==> flow/design.v <==
module ex_reg_bank #(
    parameter integer NUM_REGS = 4,
    parameter integer DATA_W = 4,
    parameter integer RPORTS = 4,
    parameter integer AW = $clog2(NUM_REGS)
) (
    input wire clk_i,
    input wire we,
    input wire [AW-1:0] wa,
    input wire [DATA_W-1:0] din,
    input wire [RPORTS*AW-1:0] read_addr,
    output wire [RPORTS*DATA_W-1:0] rdata
);
    reg [DATA_W-1:0] rf [0:NUM_REGS-1];
    always @(posedge clk_i) begin
        if (we)
            rf[wa] <= din;
    end
    wire [RPORTS*DATA_W-1:0] r;
    genvar m;
    generate
        for (m = 0; m < RPORTS; m = m + 1) begin : row
            assign r[m*DATA_W +: DATA_W] = rf[read_addr[m*AW +: AW]];
        end
    endgenerate
    assign rdata = r;
endmodule
# ---- Step by step through the tools: ex_reg_bank
# The steps from the RTL of ex_reg_bank to its reports follow in flow order.
# Line numbers count from 1 in the design file above.
# Operators carry their Yosys type and port widths (W data, S select, Z words).
# The mark -- stands for no value.
dict set report inputs {
  top_module {ex_reg_bank}
  clock_port {clk_i}
  cell_library {sky130hd}
  corner {tt_025C_1v80}
}

# ---- Word-level counts
# Counts by Yosys on the flattened word-level netlist (proc, flatten, opt, wreduce; memories kept). Register bits leave out memories and registers merged into their read ports (data or address); mux counts leave out enables and synchronous resets folded into registers. Print and check cells are left out. Cells with the same type and inputs are merged into one.
# Yosys's memory passes give these memory sizes; they may raise the number of words (mostly to a power of two), join words into wider ones and drop unused or constant bits.
dict set report classes {
  muxes 3
}
# op n
set op_table {}
lappend op_table {{$mux W4} 1}
lappend op_table {{$mux W2} 1}
lappend op_table {{$mux W1} 1}
dict set report bits {
  ramBits 16
  reg_bits 0
  input_bits 16
  memories 1
  word_cells 4
  output_inout_bits 16
}
# memory size width rd wr line_no
set mem_list {}
lappend mem_list {rf 4 4 4 1 14} ;# reg [DATA_W-1:0] rf [0:NUM_REGS-1];

# ---- Depth
# Yosys ltp: most cells in a row. Word level: on the elaborated netlist, between registers, memories and ports. Mapped: between sequential cells and ports; inverters and the memories' decode and read muxes count.
dict set report logic_depth {
  depth_word 1
  ABC_AREA 0
  mapped_depth 1
  depth_no_buf 1
}

# ---- After synthesis
# Yosys stat after the flow's synthesis: flattened, memories mapped to cells. It holds for the ABC_AREA given above (unset counts as 0); a run with the other value may have another netlist.
# The area totals of this step are shown rounded.
# cell_type n type_area_um2
set types {}
lappend types {sky130_fd_sc_hd__edfxtp_1 16 480.461}
lappend types {sky130_fd_sc_hd__mux4_1 16 420.403}
lappend types {sky130_fd_sc_hd__and3b_1 2 17.517}
lappend types {sky130_fd_sc_hd__nor3b_1 1 7.507}
lappend types {sky130_fd_sc_hd__and3_1 1 6.256}
dict set report mapped {
  ffs 16
  sequential_area_um2 480
  n_buf 0
  synth_area_um2 930
  mapped_cells 36
}

# ---- Timing after synthesis
# Path of least setup slack by OpenSTA after synthesis, without wires, with an ideal clock, recovery checks aside; 20% of the period is set as input and as output delay. Where synthesis merged equal registers, the netlist keeps one of their names.
dict set report synth_path {
  path_type {reg-to-output}
  start {memory rf[1][0]}
  end {output rdata[0]}
  slack_ps 229
  required_time_ps 1160
  path_buffers 0
  clock_period_ps 1450
  output_delay_ps 290
  stages 2
  arrival_time_ps 931
  path_delay_ps 931
  launch_ps 0
  synth_period_reached_ps 1221
}
# "path_delay_ps" = arrival - input delay + setup time.
# At an output port there is no setup time.
# "stages": output pins that drive a net of the path, with the launching flip-flop's if there is one; two outputs of one cell count as two.
# "synth_period_reached_ps" = period - worst setup slack (recovery checks aside). The figure is calculated, with input and output delays left at 20% of the set period.
# The rows between start and end are the longest chain of elaborated cells between them; the timing report does not say that the signal goes this way. Where chains are equally long, one stands for them.
# A line is the first line of the expression or statement that the cell stems from. Yosys adds cells for indexed reads and writes and turns some case tables into memories.
# The chain passes a memory read, where the word-level depth is cut; so it can be longer than that depth.
dict set report synth_via {
  path_cell_list {sky130_fd_sc_hd__edfxtp_1 > sky130_fd_sc_hd__mux4_1}
  elab_chain_len 1
  cells_between 1
  cone_lines 1
  classes_between {memory: 1}
}
# element line_no
set synth_rtl {}
lappend synth_rtl {{start, declared} 14} ;# reg [DATA_W-1:0] rf [0:NUM_REGS-1];
lappend synth_rtl {{$mem_v2 Z4 W4} 14}
lappend synth_rtl {{end, declared} 12} ;# output wire [RPORTS*DATA_W-1:0] rdata

# ---- Path in the finished layout
# Path of least setup slack in the final report of entry A (OpenROAD, finished layout, wires in). Where an end is a register, its clock arrival counts in the times.
# The report prints the path's times to 10 ps; the period is as set.
dict set report layout_path {
  path_type {reg-to-output}
  start {memory rf[3][1]}
  end {output rdata[13]}
  stages 4
  launch_ps 240
  path_buffers 2
  arrival_time_ps 1420
  slack_ps -800
  required_time_ps 620
  clock_period_ps 775
  output_delay_ps 160
}
# The rows between start and end are the longest chain of elaborated cells between them; the timing report does not say that the signal goes this way. Where chains are equally long, one stands for them.
# The chain passes a memory read, where the word-level depth is cut; so it can be longer than that depth.
dict set report layout_via {
  path_cell_list {sky130_fd_sc_hd__edfxtp_1 > sky130_fd_sc_hd__buf_6 > sky130_fd_sc_hd__mux4_2 > sky130_fd_sc_hd__buf_6}
  elab_chain_len 1
  cells_between 1
  cone_lines 1
  classes_between {memory: 1}
}
# element line_no
set layout_rtl {}
lappend layout_rtl {{start, declared} 14} ;# reg [DATA_W-1:0] rf [0:NUM_REGS-1];
lappend layout_rtl {{$mem_v2 Z4 W4} 14}
lappend layout_rtl {{end, declared} 12} ;# output wire [RPORTS*DATA_W-1:0] rdata

FLOW RESULTS
============

Top module ex_reg_bank; platform sky130hd; tools Yosys and OpenROAD; 3 stored runs in no particular order. Input and output delays are each 20% of the period that was set; the output load is 0.01 pF.
"design_power_mw": no workload was simulated; the value follows from the tool's default switching activity.
Results are given in rounded form.

# entry A
==> flow/run.sh <==
#!/bin/bash
# the make line also repeats the synthesis and layout settings of config.mk as NAME=value (left out here)
make -C /OpenROAD-flow-scripts/flow DESIGN_CONFIG=/design/flow/config.mk WORK_HOME=/design/flow/orfs CLKGATE_MAP_FILE= finish
==> flow/config.mk <==
export PLATFORM = sky130hd
export DESIGN_NAME = ex_reg_bank
export DESIGN_NICKNAME = ex_reg_bank
export VERILOG_FILES = /design/flow/design.v
export SDC_FILE = /design/flow/constraint.sdc
export NUM_CORES = 4
export LEC_CHECK = 0
export CAP_MARGIN = 10
export CORE_ASPECT_RATIO = 0.82
export CORE_MARGIN = 10
export CORE_UTILIZATION = 19
export PLACE_DENSITY = 0.94
export SETUP_SLACK_MARGIN = 0.09
export SLEW_MARGIN = 20
==> flow/constraint.sdc <==
create_clock -name core_clock -period 0.775 [get_ports {clk_i}]
set_input_delay 0.1550 -clock core_clock [delete_from_list [all_inputs] [get_ports {clk_i}]]
set_output_delay 0.1550 -clock core_clock [all_outputs]
set_load 0.01 [all_outputs]

==> entry A: results <==
synth_area_um2=930
design.die.area_um2=8100
stdcell_area_um2=1400
worst_setup_slack_ps=-800
setupTns_ps=-12000
final_hold_ws_ps=220
design_power_mw=2.2

# entry B
==> flow/run.sh <==
#!/bin/bash
# the make line also repeats the synthesis and layout settings of config.mk as NAME=value (left out here)
make -C /OpenROAD-flow-scripts/flow DESIGN_CONFIG=/design/flow/config.mk WORK_HOME=/design/flow/orfs CLKGATE_MAP_FILE= finish
==> flow/config.mk <==
export PLATFORM = sky130hd
export DESIGN_NAME = ex_reg_bank
export DESIGN_NICKNAME = ex_reg_bank
export VERILOG_FILES = /design/flow/design.v
export SDC_FILE = /design/flow/constraint.sdc
export NUM_CORES = 4
export LEC_CHECK = 0
export CAP_MARGIN = 15
export CELL_PAD_IN_SITES_DETAIL_PLACEMENT = 1
export CELL_PAD_IN_SITES_GLOBAL_PLACEMENT = 1
export CORE_MARGIN = 2
export CORE_UTILIZATION = 68
export CTS_CLUSTER_DIAMETER = 76
export CTS_CLUSTER_SIZE = 66
export GPL_ROUTABILITY_DRIVEN = 0
export SLEW_MARGIN = 0
==> flow/constraint.sdc <==
create_clock -name core_clock -period 1.85 [get_ports {clk_i}]
set_input_delay 0.3700 -clock core_clock [delete_from_list [all_inputs] [get_ports {clk_i}]]
set_output_delay 0.3700 -clock core_clock [all_outputs]
set_load 0.01 [all_outputs]

==> entry B: results <==
outcome="unfinished; error GPL-0301 in placement"

# entry C
==> flow/run.sh <==
#!/bin/bash
# the make line also repeats the synthesis and layout settings of config.mk as NAME=value (left out here)
make -C /OpenROAD-flow-scripts/flow DESIGN_CONFIG=/design/flow/config.mk WORK_HOME=/design/flow/orfs CLKGATE_MAP_FILE= finish
==> flow/config.mk <==
export PLATFORM = sky130hd
export DESIGN_NAME = ex_reg_bank
export DESIGN_NICKNAME = ex_reg_bank
export VERILOG_FILES = /design/flow/design.v
export SDC_FILE = /design/flow/constraint.sdc
export NUM_CORES = 4
export LEC_CHECK = 0
export CAP_MARGIN = 20
export CORE_MARGIN = 2
export CORE_UTILIZATION = 40
export SLEW_MARGIN = 20
==> flow/constraint.sdc <==
create_clock -name core_clock -period 1.45 [get_ports {clk_i}]
set_input_delay 0.2900 -clock core_clock [delete_from_list [all_inputs] [get_ports {clk_i}]]
set_output_delay 0.2900 -clock core_clock [all_outputs]
set_load 0.01 [all_outputs]

==> entry C: results <==
synth_area_um2=930
design.die.area_um2=2700
stdcell_area_um2=1200
worst_setup_slack_ps=-280
setupTns_ps=-3200
final_hold_ws_ps=650
design_power_mw=1.0
